==> flow/design.v <==
module gen_arith_add_rtl #(
    parameter integer WD = 12
) (
    input  logic core_clk,
    input  logic srst,
    input  logic step,
    input  logic [WD-1:0] u,
    input  logic [WD-1:0] v,
    input  logic cy_in,
    output logic [WD-1:0] res,
    output logic cy
);
    logic [WD-1:0] t;
    logic c;
    always_comb begin
        c = cy_in;
        for (int i = 0; i < WD; i++) begin
            t[i] = u[i] ^ v[i] ^ c;
            c = (u[i] & v[i]) | (c & (u[i] | v[i]));
        end
    end
    always_ff @(posedge core_clk or posedge srst) begin
        if (srst) begin
            res <= '0;
        end else if (step) begin
            res <= t;
        end
    end
    always_ff @(posedge core_clk or posedge srst) begin
        if (srst) begin
            cy <= 1'b0;
        end else if (step) begin
            cy <= c;
        end
    end
endmodule
## Tool chain data of gen_arith_add_rtl

The steps from the RTL of gen_arith_add_rtl to its reports follow in flow order.
Lines are those of the file above, counted from 1.
Operators: Yosys type, input widths -> output width; for muxes data width and select width s.
Not given: n/a

| set-up | value |
|---|---|
| top module | gen_arith_add_rtl |
| clock input | core_clk |
| standard-cell library | sky130hd |
| library corner | tt_025C_1v80 |

## Word level

Counts by Yosys on the flattened word-level netlist (proc, flatten, opt, wreduce; memories kept). Register bits leave out memories and registers merged into their read ports (data or address); mux counts leave out enables and synchronous resets folded into registers. Print and check cells are left out. Cells with the same type and inputs are merged into one.

| bit counts | value |
|---|---|
| bits in registers | 13 |
| bits of input ports | 28 |
| cells after elaboration | 74 |

| cells by class | value |
|---|---|
| bitwise gates (word level) | 72 |

Operators with widths:

| cell | number |
|---|---|
| $and 1x1->1 | 24 |
| $or 1x1->1 | 24 |
| $xor 1x1->1 | 24 |

## Logic depth

Depth = most cells in a row (Yosys ltp): at word level without a register or memory, in the mapped netlist without a sequential cell, where the memories' decode and read muxes count.

| logic depth | value |
|---|---|
| word-level depth | 25 |
| ABC_AREA | 0 |
| mapped depth | 16 |
| gate-level depth less buffers | 16 |

## Synthesis result

Source: synth_stat.txt of the flow (Yosys; design flattened, memories mapped). It holds for the ABC_AREA given above (unset counts as 0); a run with the other value may have another netlist.
Totals and module areas in this step are rounded.

| mapped netlist | value |
|---|---|
| standard cells after synthesis | 51 |
| cell area after synthesis | 781 um^2 |
| sequential part of the area | 325 um^2 |
| mapped flip-flops | 13 |
| buffers | 2 |

Cells by type:

| cell type | number | total area (um^2) |
|---|---|---|
| sky130_fd_sc_hd__dfrtp_1 | 13 | 325.312 |
| sky130_fd_sc_hd__fa_1 | 12 | 240.23 |
| sky130_fd_sc_hd__mux2_2 | 6 | 67.565 |
| sky130_fd_sc_hd__mux2_4 | 4 | 60.058 |
| sky130_fd_sc_hd__inv_1 | 8 | 30.029 |
| sky130_fd_sc_hd__buf_12 | 1 | 20.019 |
| sky130_fd_sc_hd__a21oi_1 | 3 | 15.014 |
| sky130_fd_sc_hd__buf_6 | 1 | 11.261 |
| sky130_fd_sc_hd__nor2_1 | 3 | 11.261 |

## Path before layout

Path of least setup slack by OpenSTA after synthesis, without wires, with an ideal clock, recovery checks aside; 20% of the period is set as input and as output delay. Where synthesis merged equal registers, the netlist keeps one of their names.

| timing path post-synthesis | value |
|---|---|
| path kind | input-to-reg |
| from | input port u[0] |
| to | register res[11] |
| clock period | 7350 ps |
| input delay | 1470 ps |
| library setup time | 77 ps |
| data arrival time | 6095 ps |
| setup slack | 1178 ps |
| path delay | 4702 ps |
| stages | 16 |
| path buffers | 0 |
| period reached after synthesis | 6172 ps |

"path delay" is the arrival time less input delay plus setup time.
"stages" counts driving pins, that of a launching flip-flop among them; a cell with two outputs on the path counts twice.
"period reached after synthesis" = period - worst setup slack (recovery checks aside). The figure is calculated, with input and output delays left at 20% of the set period.
The rows between start and end are the longest chain of elaborated cells between them; the timing report does not say that the signal goes this way. Where chains are equally long, one stands for them.
A line is the first line of the expression or statement that the cell stems from. Yosys adds cells for indexed reads and writes and turns some case tables into memories.

| on the way, post-synthesis | value |
|---|---|
| path through | sky130_fd_sc_hd__fa_1 -> sky130_fd_sc_hd__fa_1 -> sky130_fd_sc_hd__fa_1 -> sky130_fd_sc_hd__fa_1 -> sky130_fd_sc_hd__fa_1 -> sky130_fd_sc_hd__fa_1 -> sky130_fd_sc_hd__fa_1 -> sky130_fd_sc_hd__fa_1 -> sky130_fd_sc_hd__fa_1 -> sky130_fd_sc_hd__inv_1 -> sky130_fd_sc_hd__fa_1 -> sky130_fd_sc_hd__inv_1 -> sky130_fd_sc_hd__fa_1 -> sky130_fd_sc_hd__inv_1 -> sky130_fd_sc_hd__fa_1 -> sky130_fd_sc_hd__a21oi_1 |
| cells in the longest elaborated chain | 24 |
| elaborated cells on any way between the ends | 25 |
| source lines of those cells | 2 |
| those cells by class | 25 x logic |

RTL lines, path post-synthesis:

| element | RTL line | source |
|---|---|---|
| start: declaration | 7 | `input  logic [WD-1:0] u,` |
| $or 1x1->1 | 19 | `c = (u[i] & v[i]) \| (c & (u[i] \| v[i]));` |
| $and 1x1->1 | 19 |  |
| $or 1x1->1 | 19 |  |
| $and 1x1->1 | 19 |  |
| $or 1x1->1 | 19 |  |
| $and 1x1->1 | 19 |  |
| $or 1x1->1 | 19 |  |
| [... 10 more ...] | n/a |  |
| $and 1x1->1 | 19 |  |
| $or 1x1->1 | 19 |  |
| $and 1x1->1 | 19 |  |
| $or 1x1->1 | 19 |  |
| $and 1x1->1 | 19 |  |
| $or 1x1->1 | 19 |  |
| $xor 1x1->1 | 18 | `t[i] = u[i] ^ v[i] ^ c;` |
| end: assignment | 24 | `res <= '0;` |
| end: assignment | 26 | `res <= t;` |
| end: declaration | 10 | `output logic [WD-1:0] res,` |

## Path in the finished layout

From the final timing report of stored run 2: the path of least setup slack in the routed layout; clock arrival at registers is part of the times.
The report prints the path's times to 10 ps; the period is as set.

| timing path after layout | value |
|---|---|
| path kind | input-to-reg |
| from | input port u[0] |
| to | register res[11] |
| clock period | 7350 ps |
| input delay | 1470 ps |
| library setup time | 70 ps |
| data arrival time | 6770 ps |
| setup slack | 780 ps |
| stages | 17 |
| path buffers | 1 |

The rows between start and end are the longest chain of elaborated cells between them; the timing report does not say that the signal goes this way. Where chains are equally long, one stands for them.

| on the way, after layout | value |
|---|---|
| path through | sky130_fd_sc_hd__clkdlybuf4s50_1 -> sky130_fd_sc_hd__fa_1 -> sky130_fd_sc_hd__fa_1 -> sky130_fd_sc_hd__fa_1 -> sky130_fd_sc_hd__fa_1 -> sky130_fd_sc_hd__fa_1 -> sky130_fd_sc_hd__fa_1 -> sky130_fd_sc_hd__fa_1 -> sky130_fd_sc_hd__fa_1 -> sky130_fd_sc_hd__fa_1 -> sky130_fd_sc_hd__inv_1 -> sky130_fd_sc_hd__fa_1 -> sky130_fd_sc_hd__inv_1 -> sky130_fd_sc_hd__fa_1 -> sky130_fd_sc_hd__inv_1 -> sky130_fd_sc_hd__fa_1 -> sky130_fd_sc_hd__a21oi_1 |
| cells in the longest elaborated chain | 24 |
| elaborated cells on any way between the ends | 25 |
| source lines of those cells | 2 |
| those cells by class | 25 x logic |

RTL lines, path after layout:

| element | RTL line | source |
|---|---|---|
| start: declaration | 7 | `input  logic [WD-1:0] u,` |
| $or 1x1->1 | 19 | `c = (u[i] & v[i]) \| (c & (u[i] \| v[i]));` |
| $and 1x1->1 | 19 |  |
| $or 1x1->1 | 19 |  |
| $and 1x1->1 | 19 |  |
| $or 1x1->1 | 19 |  |
| $and 1x1->1 | 19 |  |
| $or 1x1->1 | 19 |  |
| [... 10 more ...] | n/a |  |
| $and 1x1->1 | 19 |  |
| $or 1x1->1 | 19 |  |
| $and 1x1->1 | 19 |  |
| $or 1x1->1 | 19 |  |
| $and 1x1->1 | 19 |  |
| $or 1x1->1 | 19 |  |
| $xor 1x1->1 | 18 | `t[i] = u[i] ^ v[i] ^ c;` |
| end: assignment | 24 | `res <= '0;` |
| end: assignment | 26 | `res <= t;` |
| end: declaration | 10 | `output logic [WD-1:0] res,` |

Design gen_arith_add_rtl on sky130hd. What follows are 3 stored runs of the flow, each under its own settings; their order means nothing. The constraints put input and output delay at 20% of the set period each and load the outputs with 0.01 pF.
"period reached" = clock period - worst setup slack. The figure is calculated, with input and output delays left at 20% of the set period.
By "time used up by the worst setup path" is meant the share of the clock period that the worst setup path is allowed (20% is reserved at inputs, 20% at outputs), minus its slack. Clock arrival times at its registers enter into it.
"total power of the final layout" is the tool's figure for a default switching activity; nothing was simulated.
"time used up by the worst setup path" is known to 10 ps.
Values from the reports are rounded here.

## Stored run 1

==> flow/run.sh <==
#!/bin/bash
# the make line also repeats the synthesis and layout settings of config.mk as NAME=value (left out here)
make -C /OpenROAD-flow-scripts/flow DESIGN_CONFIG=/design/flow/config.mk WORK_HOME=/design/flow/orfs CLKGATE_MAP_FILE= finish
==> flow/config.mk <==
export PLATFORM = sky130hd
export DESIGN_NAME = gen_arith_add_rtl
export DESIGN_NICKNAME = gen_arith_add_rtl
export VERILOG_FILES = /design/flow/design.v
export SDC_FILE = /design/flow/constraint.sdc
export NUM_CORES = 4
export LEC_CHECK = 0
export CAP_MARGIN = 5
export CELL_PAD_IN_SITES_DETAIL_PLACEMENT = 0
export CORE_MARGIN = 2
export CORE_UTILIZATION = 60
export GPL_TIMING_DRIVEN = 1
export MIN_ROUTING_LAYER = met1
export PLACE_DENSITY_LB_ADDON = 0.11
export SETUP_SLACK_MARGIN = -0.27
export SLEW_MARGIN = 15
==> flow/constraint.sdc <==
create_clock -name core_clock -period 4.29 [get_ports {core_clk}]
set_input_delay 0.8580 -clock core_clock [delete_from_list [all_inputs] [get_ports {core_clk}]]
set_output_delay 0.8580 -clock core_clock [all_outputs]
set_load 0.01 [all_outputs]

Stored run 1: not finished: placement ended with error FLW-0024

## Stored run 2

==> flow/run.sh <==
#!/bin/bash
# the make line also repeats the synthesis and layout settings of config.mk as NAME=value (left out here)
make -C /OpenROAD-flow-scripts/flow DESIGN_CONFIG=/design/flow/config.mk WORK_HOME=/design/flow/orfs CLKGATE_MAP_FILE= finish
==> flow/config.mk <==
export PLATFORM = sky130hd
export DESIGN_NAME = gen_arith_add_rtl
export DESIGN_NICKNAME = gen_arith_add_rtl
export VERILOG_FILES = /design/flow/design.v
export SDC_FILE = /design/flow/constraint.sdc
export NUM_CORES = 4
export LEC_CHECK = 0
export CAP_MARGIN = 20
export CORE_MARGIN = 2
export CORE_UTILIZATION = 40
export SLEW_MARGIN = 20
==> flow/constraint.sdc <==
create_clock -name core_clock -period 7.35 [get_ports {core_clk}]
set_input_delay 1.4700 -clock core_clock [delete_from_list [all_inputs] [get_ports {core_clk}]]
set_output_delay 1.4700 -clock core_clock [all_outputs]
set_load 0.01 [all_outputs]

| result of stored run 2 | value |
|---|---|
| total power of the final layout | 0.235 mW |
| netlist area reported by Yosys | 781 um^2 |
| smallest hold slack | 510 ps |
| smallest setup slack | 779 ps |
| utilization after routing | 67.7 % |
| period reached | 6571 ps |
| standard-cell area after layout | 1210 um^2 |
| total die area | 2320 um^2 |
| time used up by the worst setup path | 5100 ps |
| worst setup path type | input-to-reg |
| sum of negative setup slack | 0 ps |

## Stored run 3

==> flow/run.sh <==
#!/bin/bash
# the make line also repeats the synthesis and layout settings of config.mk as NAME=value (left out here)
make -C /OpenROAD-flow-scripts/flow DESIGN_CONFIG=/design/flow/config.mk WORK_HOME=/design/flow/orfs CLKGATE_MAP_FILE= finish
==> flow/config.mk <==
export PLATFORM = sky130hd
export DESIGN_NAME = gen_arith_add_rtl
export DESIGN_NICKNAME = gen_arith_add_rtl
export VERILOG_FILES = /design/flow/design.v
export SDC_FILE = /design/flow/constraint.sdc
export NUM_CORES = 4
export LEC_CHECK = 0
export CAP_MARGIN = 20
export CELL_PAD_IN_SITES_GLOBAL_PLACEMENT = 1
export CORE_ASPECT_RATIO = 1.25
export CORE_MARGIN = 2
export CORE_UTILIZATION = 19
export CTS_CLUSTER_DIAMETER = 53
export GPL_ROUTABILITY_DRIVEN = 0
export GPL_TIMING_DRIVEN = 0
export PLACE_DENSITY_LB_ADDON = 0.01
export SETUP_SLACK_MARGIN = 1.25
export SLEW_MARGIN = 20
export TNS_END_PERCENT = 35
==> flow/constraint.sdc <==
create_clock -name core_clock -period 7.92 [get_ports {core_clk}]
set_input_delay 1.5840 -clock core_clock [delete_from_list [all_inputs] [get_ports {core_clk}]]
set_output_delay 1.5840 -clock core_clock [all_outputs]
set_load 0.01 [all_outputs]

| result of stored run 3 | value |
|---|---|
| smallest hold slack | 503 ps |
| netlist area reported by Yosys | 781 um^2 |
| standard-cell area after layout | 1300 um^2 |
| smallest setup slack | 1430 ps |
| period reached | 6491 ps |
| utilization after routing | 32.5 % |
| total power of the final layout | 0.237 mW |
| sum of negative setup slack | 0 ps |
| total die area | 4640 um^2 |
| time used up by the worst setup path | 4910 ps |
| worst setup path type | input-to-reg |
